==> flow/design.v <==
module u_addsub_v2 #(
   parameter int DATA_WIDTH = 48
) (
   input logic clk_i,
   input logic rst_ni,
   input logic [DATA_WIDTH-1:0] u,
   input logic [DATA_WIDTH-1:0] v,
   input logic do_sub,
   output logic [DATA_WIDTH-1:0] result,
   output logic cout
);
   logic [DATA_WIDTH-1:0] u_d1;
   always_ff @(posedge clk_i or negedge rst_ni) begin
      if (~rst_ni) begin
         u_d1 <= '0;
      end else begin
         u_d1 <= u;
      end
   end
   logic [DATA_WIDTH-1:0] v_d1;
   always_ff @(posedge clk_i or negedge rst_ni) begin
      if (~rst_ni) begin
         v_d1 <= '0;
      end else begin
         v_d1 <= v;
      end
   end
   logic do_sub_d1;
   always_ff @(posedge clk_i or negedge rst_ni) begin
      if (~rst_ni) begin
         do_sub_d1 <= 1'b0;
      end else begin
         do_sub_d1 <= do_sub;
      end
   end
   logic [DATA_WIDTH-1:0] mid;
   assign mid = v_d1 ^ {DATA_WIDTH{do_sub_d1}};
   logic [DATA_WIDTH:0] r;
   assign r = u_d1 + mid + do_sub_d1;
   assign result = r[DATA_WIDTH-1:0];
   assign cout = r[DATA_WIDTH];
endmodule
* Step by step through the tools: u_addsub_v2 *
The steps from the RTL of u_addsub_v2 to its reports follow in flow order.
Lines are those of the file above, counted from 1.
Operators carry their Yosys type and port widths (W data, S select, Z words).
Library cell names are shortened.
The mark n/a stands for no value.

inputs
  top module = u_addsub_v2
  clock input = clk_i
  cell library = sky130hd
  library corner = tt_025C_1v80

* Word level *
Source: Yosys, flattened and elaborated, memories not mapped. Widths are those after wreduce; folded enables and synchronous resets count as part of the registers. Registers that Yosys merges into a memory's read port (data or address) are not register bits. Print and check cells do not count. Equal cells are merged and count once.

bit counts
  flip-flop bits (word level) = 97
  bits of input ports = 99
  output and inout bits = 49
  elaborated cells = 6

operators by class
  add/sub/neg operators = 2
  bitwise logic cells = 1

operator list
  operator          count
  $add A48 B48 Y49  1
  $add A49 B1 Y49   1
  $xor A48 B48 Y48  1

* Logic depth *
Yosys ltp: most cells in a row. Word level: on the elaborated netlist, between registers, memories and ports. Mapped: between sequential cells and ports; inverters and the memories' decode and read muxes count.

depth
  word-level depth = 3
  ABC_AREA = 1
  gate-level depth with buffers = 16
  gate-level depth less buffers = 16

* Mapped cells and area *
The flow's flattened synthesis, as Yosys stat reports it; memories are mapped. The netlist is that of the ABC_AREA named above (0 if unset); the other value can give another one.
The area totals of this step are shown rounded.

mapped netlist
  cells in the netlist = 999
  chip area (Yosys) = 0.0071 mm^2
  sequential area = 0.0024 mm^2
  mapped flip-flops = 97
  buffers = 5

cells by type
  cell      count  area in all (um^2)
  dfrtp_1   97     2.43E+03
  nand2_1   348    1.31E+03
  inv_1     178    668.141
  ha_1      50     625.6
  xor2_1    69     604.33
  nor2_1    57     213.955
  nand3_1   38     190.182
  a21oi_1   37     185.178
  nand2_2   21     131.376
  nor2_2    21     131.376
  nor2_4    7      78.826
  nand4_1   11     68.816
  xnor2_1   7      61.309
  o21bai_1  8      60.058
  nor3_1    10     50.048
  inv_2     13     48.797
  nor3_2    3      30.029
  o21ai_0   6      30.029

Not listed: further types 10, cells in them 18.

* Path before layout *
Source: OpenSTA report_checks on the synthesized netlist (no wires, ideal clock, input and output delay 20% of the period each), path of least setup slack; recovery checks are left aside. Register names are those of the netlist, which keeps one name where synthesis merged equal registers.

timing path post-synthesis
  path type = flip-flop to output port
  start = register do_sub_d1
  end = output result[30]
  clock period = 5.45 ns
  external output delay = 1.090 ns
  launch time at the first pin = 0.000 ns
  arrival = 2.139 ns
  data required time = 4.360 ns
  path slack = 2.221 ns
  delay of the path = 2.139 ns
  driving pins on the path = 14
  path buffers = 2
  period reached after synthesis = 3.229 ns

"delay of the path" is the arrival time less input delay plus setup time.
A path that ends at an output port has no setup time.
"driving pins on the path": output pins that drive a net of the path, with the launching flip-flop's if there is one; two outputs of one cell count as two.
"period reached after synthesis" = period - worst setup slack (recovery checks aside). The figure is calculated, with input and output delays left at 20% of the set period.
The rows between start and end are the longest chain of elaborated cells between them; the timing report does not say that the signal goes this way. Where chains are equally long, one stands for them.
A line is the first line of the expression or statement that the cell stems from. Yosys adds cells for indexed reads and writes and turns some case tables into memories.

on the way, post-synthesis
  cell sequence = dfrtp_1 > buf_2 > buf_2 > xor2_1 > ha_1 > nand2_1 > nor2_2 > inv_1 > nor2_2 > nand2_1 > nand2_1 > inv_1 > nand2_1 > xor2_1
  cells in the longest elaborated chain = 3
  elaborated cells on any way between the ends = 3
  source lines of those cells = 2
  classes of those cells = add/sub: 2; logic: 1

ends and longest elaborated chain, post-synthesis
  what              RTL line  text
  from (decl)       28        logic do_sub_d1;
  from (assign)     31        do_sub_d1 <= 1'b0;
  from (assign)     33        do_sub_d1 <= do_sub;
  $xor A48 B48 Y48  37        assign mid = v_d1 ^ {DATA_WIDTH{do_sub_d1}};
  $add A48 B48 Y49  39        assign r = u_d1 + mid + do_sub_d1;
  $add A49 B1 Y49   39
  to (decl)         9         output logic [DATA_WIDTH-1:0] result,

* Timing after layout *
Path of least setup slack in the final report of entry A (OpenROAD, finished layout, wires in). Where an end is a register, its clock arrival counts in the times.

timing path after layout
  path type = flip-flop to output port
  start = register do_sub_d1
  end = output result[23]
  clock period = 7.73 ns
  external output delay = 1.55 ns
  launch time at the first pin = 0.36 ns
  arrival = 3.83 ns
  data required time = 6.18 ns
  path slack = 2.35 ns
  driving pins on the path = 16
  path buffers = 3

The rows between start and end are the longest chain of elaborated cells between them; the timing report does not say that the signal goes this way. Where chains are equally long, one stands for them.

on the way, after layout
  cell sequence = dfrtp_1 > buf_2 > buf_2 > xor2_1 > ha_1 > nand2_1 > inv_1 > nand2_1 > nand2_1 > nand2_1 > nand2_1 > nand2_1 > nand2_1 > a21oi_1 > xnor2_1 > clkdlybuf4s50_1
  cells in the longest elaborated chain = 3
  elaborated cells on any way between the ends = 3
  source lines of those cells = 2
  classes of those cells = add/sub: 2; logic: 1

ends and longest elaborated chain, after layout
  what              RTL line  text
  from (decl)       28        logic do_sub_d1;
  from (assign)     31        do_sub_d1 <= 1'b0;
  from (assign)     33        do_sub_d1 <= do_sub;
  $xor A48 B48 Y48  37        assign mid = v_d1 ^ {DATA_WIDTH{do_sub_d1}};
  $add A48 B48 Y49  39        assign r = u_d1 + mid + do_sub_d1;
  $add A49 B1 Y49   39
  to (decl)         9         output logic [DATA_WIDTH-1:0] result,

Appendix: measured runs

3 stored runs of u_addsub_v2 in the flow (synthesis by Yosys, layout by OpenROAD, sky130hd cells), in arbitrary order. Constraints: input delay and output delay 20% of the set period each, output load 0.01 pF.
"clock period achieved": clock period set for the run, less the worst setup slack. It is reckoned from that one timing run; input and output delays stay at 20% of the period that was set.
"critical path time": the worst setup path's part of the clock period (all of it between registers, 20% less for each end at a port) less its slack. A launch clock that arrives late makes it longer, a capture clock that arrives late makes it shorter.
Results are given in rounded form.
A setting shown as - is not set for that run.
Results: - = not shown.

name                                     entry A                   entry B  entry C
period_ns                                7.73                      3.39     5.45
CORE_UTILIZATION                         30                        68       40
PLACE_DENSITY_LB_ADDON                   0.17                      0.26     -
CELL_PAD_IN_SITES_GLOBAL_PLACEMENT       3                         -        -
ABC_AREA                                 1                         1        -
GPL_TIMING_DRIVEN                        0                         1        -
GPL_ROUTABILITY_DRIVEN                   1                         -        -
CTS_CLUSTER_SIZE                         22                        -        -
CTS_CLUSTER_DIAMETER                     366                       -        -
SLEW_MARGIN                              5                         30       20
MAX_ROUTING_LAYER                        met4                      met5     -
CAP_MARGIN                               20                        20       20
CORE_MARGIN                              2                         2        2
SETUP_SLACK_MARGIN                       -                         -0.24    -
MIN_ROUTING_LAYER                        -                         met2     -
cell area after synthesis (mm^2)         0.0071                    -        0.0057
setup slack of the critical path (ns)    2.3                       -        0.20
summed negative setup slack (ns)         0.000                     -        0.000
critical path time (ns)                  3.83                      -        4.16
type of the worst setup path             flip-flop to output port  -        flip-flop to output port
clock period achieved (ns)               5.380                     -        5.253
standard-cell area after routing (mm^2)  0.0093                    -        0.0077
area of the die (mm^2)                   0.025                     -        0.015

Entry B: not finished: clock tree synthesis ended with error DPL-0033
